==> flow/design.v <==
module add_unit_v2 #(
  parameter DATA_WIDTH = 24,
  parameter SLICE = 6
) (
  input wire clock,
  input wire rstn,
  input wire step,
  input wire [DATA_WIDTH-1:0] first,
  input wire [DATA_WIDTH-1:0] second,
  input wire cin,
  output wire [DATA_WIDTH-1:0] out,
  output wire cy
);
  reg [DATA_WIDTH-1:0] first_r;
  reg [DATA_WIDTH-1:0] second_r;
  reg cin_r;
  localparam NG = DATA_WIDTH / SLICE;
  wire [DATA_WIDTH-1:0] nxt;
  wire [NG:0] c;
  assign c[0] = cin_r;
  genvar i;
  generate
    for (i = 0; i < NG; i = i + 1) begin : row
      wire [SLICE:0] s0 = first_r[i*SLICE +: SLICE] + second_r[i*SLICE +: SLICE];
      wire [SLICE:0] s1 = first_r[i*SLICE +: SLICE] + second_r[i*SLICE +: SLICE] + 1'b1;
      assign {c[i+1], nxt[i*SLICE +: SLICE]} = c[i] ? s1 : s0;
    end
  endgenerate
  assign out = nxt;
  assign cy = c[NG];
  always @(posedge clock or negedge rstn) begin
    if (!rstn) begin
      first_r <= 0;
      second_r <= 0;
      cin_r <= 1'b0;
    end else if (step) begin
      first_r <= first;
      second_r <= second;
      cin_r <= cin;
    end
  end
endmodule
### Step by step through the tools: add_unit_v2

What the tools print for add_unit_v2, step after step.
Lines are those of the file above, counted from 1.
The mark - stands for no value.

| set-up | value |
|---|---|
| design top | add_unit_v2 |
| clock | clock |
| standard-cell library | sky130hd |
| library corner | tt_025C_1v80 |

### Elaborated design

Counts by Yosys on the flattened word-level netlist (proc, flatten, opt, wreduce; memories kept). Register bits leave out memories and registers merged into their read ports (data or address); mux counts leave out enables and synchronous resets folded into registers. Print and check cells are left out. Cells with the same type and inputs are merged into one.

| cells by class | value |
|---|---|
| add/sub/neg operators | 8 |
| muxes and demuxes | 4 |

Operators with widths:

| operator | count |
|---|---|
| 6-bit by 6-bit adder with 7-bit output | 4 |
| 7-bit by 1-bit adder with 7-bit output with constant B | 4 |
| 7-bit two-way mux | 4 |

| word-level totals | value |
|---|---|
| input port bits | 52 |
| cells after elaboration | 15 |
| bits in registers | 49 |
| output and inout bits | 25 |

### Logic depth

Depth = most cells in a row (Yosys ltp): at word level without a register or memory, in the mapped netlist without a sequential cell, where the memories' decode and read muxes count.

| depth | value |
|---|---|
| depth in word-level cells | 6 |
| ABC_AREA | 0 |
| gate-level depth with buffers | 12 |
| depth with buffers taken out | 12 |

### Netlist

Yosys stat after the flow's synthesis: flattened, memories mapped to cells. It holds for the ABC_AREA given above (unset counts as 0); a run with the other value may have another netlist.
Totals and module areas in this step are rounded.

| mapped netlist | value |
|---|---|
| mapped cells | 306 |
| sequential area | 1200 um^2 |
| flip-flops | 49 |
| buffer cells | 6 |
| cell area after synthesis | 3300 um^2 |

Cell types:

| cell | count | area in all (um^2) |
|---|---|---|
| sky130_fd_sc_hd__dfrtp_1 | 49 | 1.23E+03 |
| sky130_fd_sc_hd__mux2_2 | 46 | 517.997 |
| sky130_fd_sc_hd__ha_1 | 28 | 350.336 |
| sky130_fd_sc_hd__xnor2_1 | 21 | 183.926 |
| sky130_fd_sc_hd__xor2_1 | 13 | 113.859 |
| sky130_fd_sc_hd__fa_1 | 4 | 80.077 |
| sky130_fd_sc_hd__nor2_1 | 21 | 78.826 |
| sky130_fd_sc_hd__a21oi_1 | 12 | 60.058 |
| sky130_fd_sc_hd__inv_1 | 16 | 60.058 |
| sky130_fd_sc_hd__nand2_1 | 16 | 60.058 |
| sky130_fd_sc_hd__nand4_1 | 6 | 37.536 |
| sky130_fd_sc_hd__o21ai_0 | 7 | 35.034 |
| sky130_fd_sc_hd__a21o_1 | 4 | 30.029 |
| sky130_fd_sc_hd__o2111ai_2 | 2 | 30.029 |
| sky130_fd_sc_hd__a211oi_2 | 2 | 25.024 |
| sky130_fd_sc_hd__nand3_1 | 5 | 25.024 |
| sky130_fd_sc_hd__a211oi_1 | 3 | 22.522 |
| sky130_fd_sc_hd__clkbuf_1 | 6 | 22.522 |

Other cell types: 30; their cells: 45.

### Worst setup path after synthesis

Path of least setup slack by OpenSTA after synthesis, without wires, with an ideal clock, recovery checks aside; 20% of the period is set as input and as output delay. Where synthesis merged equal registers, the netlist keeps one of their names.

| timing path post-synthesis | value |
|---|---|
| kind | register to output |
| start | register first_r[0] |
| end | output port out[23] |
| arrival | 3.267 ns |
| path delay | 3.267 ns |
| stages on the path | 12 |
| required time | 4.080 ns |
| output delay | 1.020 ns |
| path buffers | 0 |
| path slack | 0.813 ns |
| time at the first pin | 0.000 ns |
| clock period | 5.1 ns |
| synthesis period reached | 4.287 ns |

"path delay" = arrival - input delay + setup time.
A path that ends at an output port has no setup time.
"stages on the path": output pins that drive a net of the path, with the launching flip-flop's if there is one; two outputs of one cell count as two.
"synthesis period reached" is the clock period less the worst setup slack; recovery checks do not enter. This is arithmetic on one report: input and output delays are still those of the set period (20% each).
The rows between start and end are the longest chain of elaborated cells between them; the timing report does not say that the signal goes this way. Where chains are equally long, one stands for them.
Each line given opens the expression or statement behind the cell; cells for indexed reads and writes are added by Yosys, which also makes memories of some case tables.

| between the ends, post-synthesis | value |
|---|---|
| cell sequence | sky130_fd_sc_hd__dfrtp_1 -> sky130_fd_sc_hd__ha_1 -> sky130_fd_sc_hd__fa_1 -> sky130_fd_sc_hd__ha_1 -> sky130_fd_sc_hd__and3_1 -> sky130_fd_sc_hd__nor3b_1 -> sky130_fd_sc_hd__a311o_2 -> sky130_fd_sc_hd__and4_2 -> sky130_fd_sc_hd__a2111oi_2 -> sky130_fd_sc_hd__nand2_2 -> sky130_fd_sc_hd__nor4_1 -> sky130_fd_sc_hd__xor2_1 |
| cells in the longest elaborated chain | 6 |
| elaborated cells between the ends (all ways) | 6 |
| classes of those cells | add/sub: 2; mux: 4 |

RTL lines, path post-synthesis:

| element | line | RTL |
|---|---|---|
| from (decl) | 14 | `reg [DATA_WIDTH-1:0] first_r;` |
| from (assign) | 33 | `first_r <= 0;` |
| from (assign) | 37 | `first_r <= first;` |
| 6-bit by 6-bit adder with 7-bit output | 25 | `wire [SLICE:0] s1 = first_r[i*SLICE +: SLICE] + second_r[i*SLICE +: SLICE] + 1'b1;` |
| 7-bit by 1-bit adder with 7-bit output | 25 |  |
| 7-bit two-way mux (4 in a row) | 26 | `assign {c[i+1], nxt[i*SLICE +: SLICE]} = c[i] ? s1 : s0;` |
| to (decl) | 11 | `output wire [DATA_WIDTH-1:0] out,` |

### Worst path after layout

From the final timing report of record 2: the path of least setup slack in the routed layout; clock arrival at registers is part of the times.

| timing path post-layout | value |
|---|---|
| kind | register to output |
| start | register first_r[0] |
| end | output port out[23] |
| arrival | 3.88 ns |
| time at the first pin | 0.30 ns |
| output delay | 1.02 ns |
| stages on the path | 14 |
| required time | 4.08 ns |
| path slack | 0.20 ns |
| clock period | 5.1 ns |
| path buffers | 2 |

The rows between start and end are the longest chain of elaborated cells between them; the timing report does not say that the signal goes this way. Where chains are equally long, one stands for them.

| between the ends, post-layout | value |
|---|---|
| cell sequence | sky130_fd_sc_hd__dfrtp_1 -> sky130_fd_sc_hd__ha_1 -> sky130_fd_sc_hd__fa_1 -> sky130_fd_sc_hd__ha_1 -> sky130_fd_sc_hd__and3_1 -> sky130_fd_sc_hd__nor3b_2 -> sky130_fd_sc_hd__a311o_2 -> sky130_fd_sc_hd__and4_2 -> sky130_fd_sc_hd__a2111oi_4 -> sky130_fd_sc_hd__nand2_2 -> sky130_fd_sc_hd__buf_4 -> sky130_fd_sc_hd__nor4_2 -> sky130_fd_sc_hd__xor2_1 -> sky130_fd_sc_hd__clkbuf_2 |
| cells in the longest elaborated chain | 6 |
| elaborated cells between the ends (all ways) | 6 |
| classes of those cells | add/sub: 2; mux: 4 |

RTL lines, path post-layout:

| element | line | RTL |
|---|---|---|
| from (decl) | 14 | `reg [DATA_WIDTH-1:0] first_r;` |
| from (assign) | 33 | `first_r <= 0;` |
| from (assign) | 37 | `first_r <= first;` |
| 6-bit by 6-bit adder with 7-bit output | 25 | `wire [SLICE:0] s1 = first_r[i*SLICE +: SLICE] + second_r[i*SLICE +: SLICE] + 1'b1;` |
| 7-bit by 1-bit adder with 7-bit output | 25 |  |
| 7-bit two-way mux (4 in a row) | 26 | `assign {c[i+1], nxt[i*SLICE +: SLICE]} = c[i] ? s1 : s0;` |
| to (decl) | 11 | `output wire [DATA_WIDTH-1:0] out,` |

# Flow runs of add_unit_v2

Below are 3 stored runs of the flow (Yosys, OpenROAD; platform sky130hd) on add_unit_v2, each with its settings and what was measured, unordered. Constraints: input delay and output delay 20% of the set period each, output load 0.01 pF.
"period reached" = clock period - worst setup slack. The figure is calculated, with input and output delays left at 20% of the set period.
"allowed time less slack (worst setup path)" = time allowed to the worst setup path (clock period - input delay - output delay, where it has them) - its slack; a late launch clock adds to it, a late capture clock takes from it.
By "total design power" is meant OpenSTA's value without simulated activity: inputs other than the clock are taken to toggle once in ten clock periods, and the tool carries that through the logic.
The results are shown rounded.
A setting shown as -- is not set for that run.
A result given as -- is not shown for that run.

| setting or result | record 1 | record 2 | record 3 |
|---|---|---|---|
| period_ns | 2.62 | 5.1 | 3.15 |
| CORE_UTILIZATION | 69 | 40 | 34 |
| PLACE_DENSITY_LB_ADDON | 0.2 | -- | 0.18 |
| CORE_MARGIN | 4 | 2 | 8 |
| CELL_PAD_IN_SITES_GLOBAL_PLACEMENT | 1 | -- | -- |
| TNS_END_PERCENT | 60 | -- | -- |
| CTS_CLUSTER_DIAMETER | 52 | -- | -- |
| CAP_MARGIN | 25 | 20 | 20 |
| MIN_ROUTING_LAYER | met2 | -- | -- |
| SLEW_MARGIN | 20 | 20 | 30 |
| CORE_ASPECT_RATIO | -- | -- | 0.54 |
| MAX_ROUTING_LAYER | -- | -- | met5 |
| total design power (µW) | -- | 1600 | 3100 |
| allowed time less slack (worst setup path) (ns) | -- | 3.88 | 3.43 |
| worst setup path kind | -- | register to output | register to output |
| final utilization (%) | -- | 55 | 55 |
| period reached (ns) | -- | 4.903 | 4.061 |
| std-cell area (final layout) (um^2) | -- | 4500 | 5300 |
| post-route setup TNS (ns) | -- | 0.000 | -13 |
| lowest setup slack (ns) | -- | 0.20 | -0.91 |
| post-synthesis cell area (um^2) | -- | 3300 | 3300 |
| die outline area (um^2) | -- | 9000 | 13000 |

Record 1: not finished: placement ended with error FLW-0024
